==> flow/design.v <==
module core_switch #(
    parameter int WD = 2
) (
    input  logic ck,
    input  logic valid,
    input  logic [WD-1:0] in_ch0,
    input  logic [WD-1:0] in_ch1,
    input  logic [WD-1:0] in_ch2,
    input  logic [WD-1:0] in_ch3,
    input  logic [WD-1:0] in_ch4,
    input  logic [WD-1:0] in_ch5,
    input  logic [WD-1:0] in_ch6,
    input  logic [WD-1:0] in_ch7,
    input  logic [WD-1:0] in_ch8,
    input  logic [WD-1:0] in_ch9,
    input  logic [WD-1:0] in_ch10,
    input  logic [WD-1:0] in_ch11,
    input  logic [WD-1:0] in_ch12,
    input  logic [WD-1:0] in_ch13,
    input  logic [WD-1:0] in_ch14,
    input  logic [WD-1:0] in_ch15,
    input  logic [WD-1:0] in_ch16,
    input  logic [WD-1:0] in_ch17,
    input  logic [WD-1:0] in_ch18,
    input  logic [WD-1:0] in_ch19,
    input  logic [4:0] in_select,
    output logic [WD-1:0] out_dout
);
    logic [WD-1:0] ch0_s;
    logic [WD-1:0] ch1_s;
    logic [WD-1:0] ch2_s;
    logic [WD-1:0] ch3_s;
    logic [WD-1:0] ch4_s;
    logic [WD-1:0] ch5_s;
    logic [WD-1:0] ch6_s;
    logic [WD-1:0] ch7_s;
    logic [WD-1:0] ch8_s;
    logic [WD-1:0] ch9_s;
    logic [WD-1:0] ch10_s;
    logic [WD-1:0] ch11_s;
    logic [WD-1:0] ch12_s;
    logic [WD-1:0] ch13_s;
    logic [WD-1:0] ch14_s;
    logic [WD-1:0] ch15_s;
    logic [WD-1:0] ch16_s;
    logic [WD-1:0] ch17_s;
    logic [WD-1:0] ch18_s;
    logic [WD-1:0] ch19_s;
    logic [4:0] select_s;
    always_ff @(posedge ck) begin
        if (valid) begin
            ch0_s <= in_ch0;
            ch1_s <= in_ch1;
            ch2_s <= in_ch2;
            ch3_s <= in_ch3;
            ch4_s <= in_ch4;
            ch5_s <= in_ch5;
            ch6_s <= in_ch6;
            ch7_s <= in_ch7;
            ch8_s <= in_ch8;
            ch9_s <= in_ch9;
            ch10_s <= in_ch10;
            ch11_s <= in_ch11;
            ch12_s <= in_ch12;
            ch13_s <= in_ch13;
            ch14_s <= in_ch14;
            ch15_s <= in_ch15;
            ch16_s <= in_ch16;
            ch17_s <= in_ch17;
            ch18_s <= in_ch18;
            ch19_s <= in_ch19;
            select_s <= in_select;
        end
    end
    logic [WD-1:0] r;
    always_comb begin
        case (select_s)
            5'd0: r = ch0_s;
            5'd1: r = ch1_s;
            5'd2: r = ch2_s;
            5'd3: r = ch3_s;
            5'd4: r = ch4_s;
            5'd5: r = ch5_s;
            5'd6: r = ch6_s;
            5'd7: r = ch7_s;
            5'd8: r = ch8_s;
            5'd9: r = ch9_s;
            5'd10: r = ch10_s;
            5'd11: r = ch11_s;
            5'd12: r = ch12_s;
            5'd13: r = ch13_s;
            5'd14: r = ch14_s;
            5'd15: r = ch15_s;
            5'd16: r = ch16_s;
            5'd17: r = ch17_s;
            5'd18: r = ch18_s;
            default: r = ch19_s;
        endcase
    end
    always_ff @(posedge ck) begin
        if (valid) begin
            out_dout <= r;
        end
    end
endmodule
Tool chain data of core_switch
Tool output for the design above, in the order of the flow.
Lines are those of the file above, counted from 1.
Operators: Yosys type, input widths -> output width; for muxes data width and select width s.
Library cell names are shortened.
{ "setup": {"top_module": "core_switch", "clock": "ck", "library": "sky130hd", "pvt_corner": "tt_025C_1v80"} }

Elaborated design
Counts by Yosys on the flattened word-level netlist (proc, flatten, opt, wreduce; memories kept). Register bits leave out memories and registers merged into their read ports (data or address); mux counts leave out enables and synchronous resets folded into registers. Print and check cells are left out. Cells with the same type and inputs are merged into one.
{ "word_totals": {"register_bits": 47, "in_bits": 47, "out_inout_bits": 2, "elab_cells": 42} }
{ "classes": {"equal": 18, "mux": 1, "n_reduce_logical": 1} }
{ "op_table": {"columns": ["cell", "count"], "rows": [
  ["$eq 5x4->1 const B", 8],
  ["$pmux 2 s19", 1],
  ["$eq 5x3->1 const B", 4],
  ["$eq 5x5->1 const B", 3],
  ["$eq 5x2->1 const B", 2],
  ["$eq 5x1->1 const B", 1],
  ["$logic_not 5->1", 1]
]} }

Logic depth
Longest topological path by Yosys (ltp), each cell counted once; first at word level (registers and memories cut), then after technology mapping (sequential cells cut; the memories' decode and read muxes count).
{ "logic_depth": {"word_depth": 2, "abc_area": 0, "depth_mapped": 7, "mapped_depth_nobuf": 5} }

After synthesis
Source: synth_stat.txt of the flow (Yosys; design flattened, memories mapped). It holds for the ABC_AREA given above (unset counts as 0); a run with the other value may have another netlist.
{ "types": {"columns": ["type", "count", "type_area_um2"], "rows": [
  ["edfxtp_1", 47, 1.41E+03],
  ["mux4_1", 2, 52.55],
  ["mux2i_1", 5, 50.048],
  ["nand2_1", 10, 37.536],
  ["mux2_2", 3, 33.782],
  ["nor2_1", 6, 22.522],
  ["nor3b_1", 3, 22.522],
  ["o21ai_0", 4, 20.019],
  ["o32a_1", 2, 20.019],
  ["o32ai_2", 1, 16.266],
  ["buf_2", 3, 15.014],
  ["mux2_4", 1, 15.014],
  ["o211ai_1", 2, 15.014],
  ["a31oi_1", 2, 12.512],
  ["nor4_1", 2, 12.512],
  ["and3_4", 1, 11.261],
  ["buf_6", 1, 11.261],
  ["nand4bb_1", 1, 11.261]
]} }
Not listed: further types 14, cells in them 18.
{ "synth_totals": {"cell_count": 114, "synth_area_um2": 1899.3, "seq_area_um2": 1411.4, "ff_cells": 47} }

Worst setup path after synthesis
OpenSTA on the mapped netlist: ideal clock, no wires. The path of least setup slack (recovery checks aside). Input and output delay are each 20% of the period. Register names are those of the netlist, which keeps one name where synthesis merged equal registers.
{ "synth_timing": {"kind": "reg-to-reg", "startpoint": "register select_s[2]", "endpoint": "register out_dout[0]", "tclk_ns": 2.27, "setup_time_ns": 0.261, "launch_ns": 0.000, "arrival_ns": 1.553, "required_ns": 2.009, "path_slack_ns": 0.457, "delay_ns": 1.814, "path_stages": 7, "synth_period_reached_ns": 1.813} }
"delay_ns" = arrival - input delay + setup time.
"path_stages": output pins that drive a net of the path, with the launching flip-flop's if there is one; two outputs of one cell count as two.
"synth_period_reached_ns" is the clock period less the worst setup slack; recovery checks do not enter. This is arithmetic on one report: input and output delays are still those of the set period (20% each).
Between the ends stands the longest chain of elaborated cells between them, by number of cells; it is not shown to be the way that was timed. Of several equally long chains one is given.
A line is the first line of the expression or statement that the cell stems from. Yosys adds cells for indexed reads and writes and turns some case tables into memories.
{ "synth_between": {"cell_sequence": "edfxtp_1 buf_6 mux2_4 and3_4 o32ai_2 o31ai_1 o32a_1", "elab_chain_len": 2, "cells_between": 20, "cone_lines": 1} }
{ "synth_rtl": {"columns": ["item", "line", "source"], "rows": [
  ["from (decl)", 49, "logic [4:0] select_s;"],
  ["from (assign)", 72, "select_s <= in_select;"],
  ["$eq 5x5->1", 77, "case (select_s)"],
  ["$pmux 2 s19", 77, null],
  ["to (assign)", 102, "out_dout <= r;"],
  ["to (decl)", 27, "output logic [WD-1:0] out_dout"]
]} }

Path in the finished layout
From the final timing report of flow run 1: the path of least setup slack in the routed layout; clock arrival at registers is part of the times.
{ "layout_timing": {"kind": "reg-to-reg", "startpoint": "register select_s[2]", "endpoint": "register out_dout[0]", "tclk_ns": 1.26, "setup_time_ns": 0.25, "launch_ns": 0.28, "arrival_ns": 1.92, "required_ns": 1.29, "path_slack_ns": -0.62, "path_stages": 7} }
Between the ends stands the longest chain of elaborated cells between them, by number of cells; it is not shown to be the way that was timed. Of several equally long chains one is given.
{ "layout_between": {"cell_sequence": "edfxtp_1 buf_8 mux2_4 and3_4 o32ai_4 o31ai_1 o32a_1", "elab_chain_len": 2, "cells_between": 20, "cone_lines": 1} }
{ "layout_rtl": {"columns": ["item", "line", "source"], "rows": [
  ["from (decl)", 49, "logic [4:0] select_s;"],
  ["from (assign)", 72, "select_s <= in_select;"],
  ["$eq 5x5->1", 77, "case (select_s)"],
  ["$pmux 2 s19", 77, null],
  ["to (assign)", 102, "out_dout <= r;"],
  ["to (decl)", 27, "output logic [WD-1:0] out_dout"]
]} }

Appendix: measured runs

Measured results for core_switch: 3 stored runs of the Yosys and OpenROAD flow on sky130hd. The settings differ; the order carries no meaning. The constraints put input and output delay at 20% of the set period each and load the outputs with 0.01 pF.
"clock_period_reached_ns" = clock period - worst setup slack. The figure is calculated, with input and output delays left at 20% of the set period.
"worst_setup_path_time_ns" means the part of the period allowed to the worst setup path (the constraints hold back 20% at inputs and 20% at outputs) less its slack; where the path has registers, the arrival times of their clocks count too.

Flow run 1
==> flow/run.sh <==
#!/bin/bash
# the make line also repeats the synthesis and layout settings of config.mk as NAME=value (left out here)
make -C /OpenROAD-flow-scripts/flow DESIGN_CONFIG=/design/flow/config.mk WORK_HOME=/design/flow/orfs CLKGATE_MAP_FILE= finish
==> flow/config.mk <==
export PLATFORM = sky130hd
export DESIGN_NAME = core_switch
export DESIGN_NICKNAME = core_switch
export VERILOG_FILES = /design/flow/design.v
export SDC_FILE = /design/flow/constraint.sdc
export NUM_CORES = 4
export LEC_CHECK = 0
export CAP_MARGIN = 20
export CELL_PAD_IN_SITES_GLOBAL_PLACEMENT = 3
export CORE_MARGIN = 8
export CORE_UTILIZATION = 16
export CTS_CLUSTER_DIAMETER = 129
export CTS_CLUSTER_SIZE = 72
export GPL_TIMING_DRIVEN = 0
export HOLD_SLACK_MARGIN = -0.08
export MAX_ROUTING_LAYER = met4
export MIN_ROUTING_LAYER = met1
export PLACE_DENSITY_LB_ADDON = 0.02
export SETUP_SLACK_MARGIN = 0.11
export SLEW_MARGIN = 10
==> flow/constraint.sdc <==
create_clock -name core_clock -period 1.26 [get_ports {ck}]
set_input_delay 0.2520 -clock core_clock [delete_from_list [all_inputs] [get_ports {ck}]]
set_output_delay 0.2520 -clock core_clock [all_outputs]
set_load 0.01 [all_outputs]

==> results of flow run 1, as JSON <==
{
  "clock_period_reached_ns": 1.884,
  "post_route_util_frac": 0.238,
  "worst_setup_path_time_ns": 1.88,
  "worst_path_kind": "reg-to-reg",
  "total_die_area_um2": 15613.8,
  "setup_worst_slack_ns": -0.624,
  "yosys_chip_area_um2": 1899.3,
  "tns_ns": -1.187
}

Flow run 2
==> flow/run.sh <==
#!/bin/bash
# the make line also repeats the synthesis and layout settings of config.mk as NAME=value (left out here)
make -C /OpenROAD-flow-scripts/flow DESIGN_CONFIG=/design/flow/config.mk WORK_HOME=/design/flow/orfs CLKGATE_MAP_FILE= finish
==> flow/config.mk <==
export PLATFORM = sky130hd
export DESIGN_NAME = core_switch
export DESIGN_NICKNAME = core_switch
export VERILOG_FILES = /design/flow/design.v
export SDC_FILE = /design/flow/constraint.sdc
export NUM_CORES = 4
export LEC_CHECK = 0
export ABC_AREA = 1
export CAP_MARGIN = 20
export CORE_ASPECT_RATIO = 1.24
export CORE_MARGIN = 2
export CORE_UTILIZATION = 40
export PLACE_DENSITY_LB_ADDON = 0.01
export SLEW_MARGIN = 40
==> flow/constraint.sdc <==
create_clock -name core_clock -period 2.22 [get_ports {ck}]
set_input_delay 0.4440 -clock core_clock [delete_from_list [all_inputs] [get_ports {ck}]]
set_output_delay 0.4440 -clock core_clock [all_outputs]
set_load 0.01 [all_outputs]

==> results of flow run 2, as JSON <==
{
  "worst_setup_path_time_ns": 1.64,
  "worst_path_kind": "reg-to-reg",
  "post_route_util_frac": 0.554,
  "tns_ns": 0.000,
  "setup_worst_slack_ns": 0.577,
  "yosys_chip_area_um2": 1911.8,
  "clock_period_reached_ns": 1.643,
  "total_die_area_um2": 5351.9
}

Flow run 3
==> flow/run.sh <==
#!/bin/bash
# the make line also repeats the synthesis and layout settings of config.mk as NAME=value (left out here)
make -C /OpenROAD-flow-scripts/flow DESIGN_CONFIG=/design/flow/config.mk WORK_HOME=/design/flow/orfs CLKGATE_MAP_FILE= finish
==> flow/config.mk <==
export PLATFORM = sky130hd
export DESIGN_NAME = core_switch
export DESIGN_NICKNAME = core_switch
export VERILOG_FILES = /design/flow/design.v
export SDC_FILE = /design/flow/constraint.sdc
export NUM_CORES = 4
export LEC_CHECK = 0
export CAP_MARGIN = 20
export CORE_MARGIN = 2
export CORE_UTILIZATION = 40
export SLEW_MARGIN = 20
==> flow/constraint.sdc <==
create_clock -name core_clock -period 2.27 [get_ports {ck}]
set_input_delay 0.4540 -clock core_clock [delete_from_list [all_inputs] [get_ports {ck}]]
set_output_delay 0.4540 -clock core_clock [all_outputs]
set_load 0.01 [all_outputs]

==> results of flow run 3, as JSON <==
{
  "setup_worst_slack_ns": 0.311,
  "post_route_util_frac": 0.552,
  "total_die_area_um2": 5315.1,
  "yosys_chip_area_um2": 1899.3,
  "clock_period_reached_ns": 1.959,
  "tns_ns": 0.000,
  "worst_setup_path_time_ns": 1.96,
  "worst_path_kind": "reg-to-reg"
}
